==> flow/design.v <==
module mult_blk #(
  parameter int WIDTH = 12,
  parameter int WAYS = 2,
  parameter int OUT_W = 2*WIDTH + $clog2(WAYS)
) (
  input logic sys_clk,
  input logic RST,
  input logic clk_en,
  input logic [WAYS*WIDTH-1:0] rs1,
  input logic [WAYS*WIDTH-1:0] rs2,
  output logic [OUT_W-1:0] p
);
  logic [WAYS*WIDTH-1:0] rs1_reg;
  logic [WAYS*WIDTH-1:0] rs2_reg;
  always_ff @(posedge sys_clk) begin
    if (RST) begin
      rs1_reg <= 0;
      rs2_reg <= 0;
    end else if (clk_en) begin
      rs1_reg <= rs1;
      rs2_reg <= rs2;
    end
  end
  logic [2*WAYS*WIDTH-1:0] part;
  generate
    for (genvar g = 0; g < WAYS; g++) begin : u_g
      assign part[2*g*WIDTH +: 2*WIDTH] = rs1_reg[g*WIDTH +: WIDTH] * rs2_reg[g*WIDTH +: WIDTH];
    end
  endgenerate
  logic [2*WAYS*WIDTH-1:0] part_reg;
  always_ff @(posedge sys_clk) begin
    if (RST) begin
      part_reg <= 0;
    end else if (clk_en) begin
      part_reg <= part;
    end
  end
  logic [OUT_W-1:0] tmp;
  always_comb begin
    tmp = 0;
    for (int k = 0; k < WAYS; k++)
      tmp = tmp + part_reg[2*k*WIDTH +: 2*WIDTH];
  end
  always_ff @(posedge sys_clk) begin
    if (RST) begin
      p <= 0;
    end else if (clk_en) begin
      p <= tmp;
    end
  end
endmodule
### Step by step through the tools: mult_blk

What the tools print for mult_blk, step after step.
Line numbers count from 1 in the design file above.
Cell names lack the library's common part.
A cell with n/a has no value.

* top: mult_blk
* clock: sys_clk
* standard-cell library: sky130hd
* library corner: tt_025C_1v80

### Word level

Counts by Yosys on the flattened word-level netlist (proc, flatten, opt, wreduce; memories kept). Register bits leave out memories and registers merged into their read ports (data or address); mux counts leave out enables and synchronous resets folded into registers. Print and check cells are left out. Cells with the same type and inputs are merged into one.

* add/subtract/negate cells: 1
* $mul: 2

Operator list (number)
* multiplier 12 x 12 -> 24 bit: 2
* adder 24 x 24 -> 25 bit: 1

* register bits after elaboration: 121
* input bits: 51
* output and inout bits: 25
* cells after elaboration: 7

### Logic depth

Yosys ltp: most cells in a row. Word level: on the elaborated netlist, between registers, memories and ports. Mapped: between sequential cells and ports; inverters and the memories' decode and read muxes count.

* depth after elaboration: 1
* ABC_AREA: 0
* gate-level depth with buffers: 21
* depth with buffers taken out: 19

### Mapped cells and area

Source: synth_stat.txt of the flow (Yosys; design flattened, memories mapped). It holds for the ABC_AREA given above (unset counts as 0); a run with the other value may have another netlist.

* cells in the netlist: 1736
* synthesis area: 14919.3 sq um
* area of sequential cells: 2422.3 sq um
* mapped flip-flops: 121
* buffers: 84

Cells by type
* fa_1: number 201, area in all 4.02E+03 sq um
* dfxtp_1: number 121, area in all 2.42E+03 sq um
* ha_1: number 148, area in all 1.85E+03 sq um
* inv_1: number 283, area in all 1.06E+03 sq um
* nand2_1: number 240, area in all 900.864 sq um
* mux2i_1: number 80, area in all 800.768 sq um
* and2_1: number 111, area in all 694.416 sq um
* nor2_1: number 117, area in all 439.171 sq um
* o21ai_0: number 61, area in all 305.293 sq um
* a21oi_1: number 58, area in all 290.278 sq um
* clkbuf_1: number 76, area in all 285.274 sq um
* xnor2_1: number 26, area in all 227.718 sq um
* xor2_1: number 23, area in all 201.443 sq um
* a21o_1: number 25, area in all 187.68 sq um
* nand2b_1: number 16, area in all 100.096 sq um
* a211oi_1: number 13, area in all 97.594 sq um
* o211ai_1: number 11, area in all 82.579 sq um
* nand3_1: number 15, area in all 75.072 sq um

Other cell types: 47; their cells: 111.

### Timing after synthesis

OpenSTA on the mapped netlist: ideal clock, no wires. The path of least setup slack (recovery checks aside). Input and output delay are each 20% of the period. Register names are those of the netlist, which keeps one name where synthesis merged equal registers.

* path type: register to register
* from: register rs1_reg[19]
* to: register part_reg[45]
* clock period: 6.41 ns
* setup time: 0.122 ns
* launch time at the first pin: 0.000 ns
* arrival: 5.004 ns
* required time: 6.288 ns
* setup slack: 1.285 ns
* path delay: 5.126 ns
* stages on the path: 19
* path buffers: 1
* synthesis period reached: 5.125 ns

"path delay" = arrival - input delay + setup time.
"stages on the path": output pins that drive a net of the path, with the launching flip-flop's if there is one; two outputs of one cell count as two.
"synthesis period reached" is the clock period less the worst setup slack; recovery checks do not enter. This is arithmetic on one report: input and output delays are still those of the set period (20% each).
The rows between start and end are the longest chain of elaborated cells between them; the timing report does not say that the signal goes this way. Where chains are equally long, one stands for them.
A line is the first line of the expression or statement that the cell stems from. Yosys adds cells for indexed reads and writes and turns some case tables into memories.

* cells stage by stage: dfxtp_1 > clkbuf_1 > nand2_1 > fa_1 > fa_1 > fa_1 > inv_1 > fa_1 > inv_1 > fa_1 > inv_1 > ha_1 > o21a_2 > o21a_4 > nand4_2 > o41ai_4 > o221ai_2 > and4b_1 > a221o_1
* length of the longest elaborated chain: 1
* elaborated cells between the ends (all ways): 1
* RTL lines with such cells: 1
* those cells by class: 1 x mul

RTL lines, path post-synthesis
* start, declared: RTL line 13 `logic [WAYS*WIDTH-1:0] rs1_reg;`
* start, assigned: RTL line 17 `rs1_reg <= 0;`
* start, assigned: RTL line 20 `rs1_reg <= rs1;`
* multiplier 12 x 12 -> 24 bit: RTL line 27 `assign part[2*g*WIDTH +: 2*WIDTH] = rs1_reg[g*WIDTH +: WIDTH] * rs2_reg[g*WIDTH +: WIDTH];`
* end, assigned: RTL line 33 `part_reg <= 0;`
* end, assigned: RTL line 35 `part_reg <= part;`
* end, declared: RTL line 30 `logic [2*WAYS*WIDTH-1:0] part_reg;`

### Worst path after layout

From the final timing report of flow run 1: the path of least setup slack in the routed layout; clock arrival at registers is part of the times.

* path type: register to register
* from: register rs2_reg[3]
* to: register part_reg[22]
* clock period: 6.41 ns
* setup time: 0.11 ns
* launch time at the first pin: 0.44 ns
* arrival: 5.96 ns
* required time: 6.74 ns
* setup slack: 0.78 ns
* stages on the path: 18
* path buffers: 0

The rows between start and end are the longest chain of elaborated cells between them; the timing report does not say that the signal goes this way. Where chains are equally long, one stands for them.

* cells stage by stage: dfxtp_1 > nand2_1 > fa_1 > fa_1 > inv_1 > fa_1 > fa_1 > inv_1 > fa_1 > inv_1 > ha_1 > nand3_1 > a21oi_1 > o311ai_0 > nand2_1 > a21oi_1 > nor4b_1 > a211o_1
* length of the longest elaborated chain: 1
* elaborated cells between the ends (all ways): 1
* RTL lines with such cells: 1
* those cells by class: 1 x mul

RTL lines, path after layout
* start, declared: RTL line 14 `logic [WAYS*WIDTH-1:0] rs2_reg;`
* start, assigned: RTL line 18 `rs2_reg <= 0;`
* start, assigned: RTL line 21 `rs2_reg <= rs2;`
* multiplier 12 x 12 -> 24 bit: RTL line 27 `assign part[2*g*WIDTH +: 2*WIDTH] = rs1_reg[g*WIDTH +: WIDTH] * rs2_reg[g*WIDTH +: WIDTH];`
* end, assigned: RTL line 33 `part_reg <= 0;`
* end, assigned: RTL line 35 `part_reg <= part;`
* end, declared: RTL line 30 `logic [2*WAYS*WIDTH-1:0] part_reg;`

==> results <==
Design mult_blk on sky130hd. What follows are 3 stored runs of the flow, each under its own settings; their order means nothing. The constraints put input and output delay at 20% of the set period each and load the outputs with 0.01 pF.
"period achieved" is the run's clock period less its worst setup slack. It is reckoned from that one timing run; input and output delays stay at 20% of the period that was set.
"time of the worst setup path" = time allowed to the worst setup path (clock period - input delay - output delay, where it has them) - its slack; a late launch clock adds to it, a late capture clock takes from it.
By "total power of the final layout" is meant OpenSTA's value without simulated activity: inputs other than the clock are taken to toggle once in ten clock periods, and the tool carries that through the logic.

### Flow run 1

==> flow/run.sh <==
#!/bin/bash
# the make line also repeats the synthesis and layout settings of config.mk as NAME=value (left out here)
make -C /OpenROAD-flow-scripts/flow DESIGN_CONFIG=/design/flow/config.mk WORK_HOME=/design/flow/orfs CLKGATE_MAP_FILE= finish
==> flow/config.mk <==
export PLATFORM = sky130hd
export DESIGN_NAME = mult_blk
export DESIGN_NICKNAME = mult_blk
export VERILOG_FILES = /design/flow/design.v
export SDC_FILE = /design/flow/constraint.sdc
export NUM_CORES = 4
export LEC_CHECK = 0
export CAP_MARGIN = 20
export CORE_MARGIN = 2
export CORE_UTILIZATION = 40
export SLEW_MARGIN = 20
==> flow/constraint.sdc <==
create_clock -name core_clock -period 6.41 [get_ports {sys_clk}]
set_input_delay 1.2820 -clock core_clock [delete_from_list [all_inputs] [get_ports {sys_clk}]]
set_output_delay 1.2820 -clock core_clock [all_outputs]
set_load 0.01 [all_outputs]

Results of flow run 1:
- Die area: 38858.3 sq um
- Time of the worst setup path: 5.63 ns
- Kind of the worst setup path: register to register
- Total power of the final layout: 0.00263 W
- Utilization after layout: 45.4%
- Setup slack of the worst path: 0.782 ns
- Period achieved: 5.628 ns
- Final setup TNS: 0.000 ns
- Synthesis area: 14919.3 sq um
- Standard-cell area after routing: 16673.5 sq um
- Worst hold slack in the final report: 0.462 ns

### Flow run 2

==> flow/run.sh <==
#!/bin/bash
# the make line also repeats the synthesis and layout settings of config.mk as NAME=value (left out here)
make -C /OpenROAD-flow-scripts/flow DESIGN_CONFIG=/design/flow/config.mk WORK_HOME=/design/flow/orfs CLKGATE_MAP_FILE= finish
==> flow/config.mk <==
export PLATFORM = sky130hd
export DESIGN_NAME = mult_blk
export DESIGN_NICKNAME = mult_blk
export VERILOG_FILES = /design/flow/design.v
export SDC_FILE = /design/flow/constraint.sdc
export NUM_CORES = 4
export LEC_CHECK = 0
export CAP_MARGIN = 15
export CORE_ASPECT_RATIO = 0.54
export CORE_MARGIN = 10
export CORE_UTILIZATION = 23
export CTS_CLUSTER_DIAMETER = 346
export CTS_CLUSTER_SIZE = 21
export GPL_ROUTABILITY_DRIVEN = 1
export PLACE_DENSITY_LB_ADDON = 0.16
export SLEW_MARGIN = 5
export TNS_END_PERCENT = 75
==> flow/constraint.sdc <==
create_clock -name core_clock -period 3.4 [get_ports {sys_clk}]
set_input_delay 0.6800 -clock core_clock [delete_from_list [all_inputs] [get_ports {sys_clk}]]
set_output_delay 0.6800 -clock core_clock [all_outputs]
set_load 0.01 [all_outputs]

Results of flow run 2:
- Die area: 75942.8 sq um
- Time of the worst setup path: 4.86 ns
- Kind of the worst setup path: register to register
- Total power of the final layout: 0.005221 W
- Utilization after layout: 32.1%
- Setup slack of the worst path: -1.458 ns
- Period achieved: 4.858 ns
- Final setup TNS: -37.583 ns
- Synthesis area: 14919.3 sq um
- Standard-cell area after routing: 20569.7 sq um
- Worst hold slack in the final report: 0.456 ns

### Flow run 3

==> flow/run.sh <==
#!/bin/bash
# the make line also repeats the synthesis and layout settings of config.mk as NAME=value (left out here)
make -C /OpenROAD-flow-scripts/flow DESIGN_CONFIG=/design/flow/config.mk WORK_HOME=/design/flow/orfs CLKGATE_MAP_FILE= finish
==> flow/config.mk <==
export PLATFORM = sky130hd
export DESIGN_NAME = mult_blk
export DESIGN_NICKNAME = mult_blk
export VERILOG_FILES = /design/flow/design.v
export SDC_FILE = /design/flow/constraint.sdc
export NUM_CORES = 4
export LEC_CHECK = 0
export ABC_AREA = 1
export CAP_MARGIN = 20
export CORE_ASPECT_RATIO = 0.89
export CORE_MARGIN = 9
export CORE_UTILIZATION = 49
export CTS_CLUSTER_SIZE = 12
export PLACE_DENSITY_LB_ADDON = 0.27
export SETUP_SLACK_MARGIN = 1.18
export SLEW_MARGIN = 20
==> flow/constraint.sdc <==
create_clock -name core_clock -period 9.62 [get_ports {sys_clk}]
set_input_delay 1.9240 -clock core_clock [delete_from_list [all_inputs] [get_ports {sys_clk}]]
set_output_delay 1.9240 -clock core_clock [all_outputs]
set_load 0.01 [all_outputs]

Results of flow run 3:
- Die area: 39774.3 sq um
- Time of the worst setup path: 4.97 ns
- Kind of the worst setup path: register to register
- Total power of the final layout: 0.002089 W
- Utilization after layout: 54.7%
- Setup slack of the worst path: 4.651 ns
- Period achieved: 4.969 ns
- Final setup TNS: 0.000 ns
- Synthesis area: 16125.5 sq um
- Standard-cell area after routing: 17684.5 sq um
- Worst hold slack in the final report: 0.512 ns
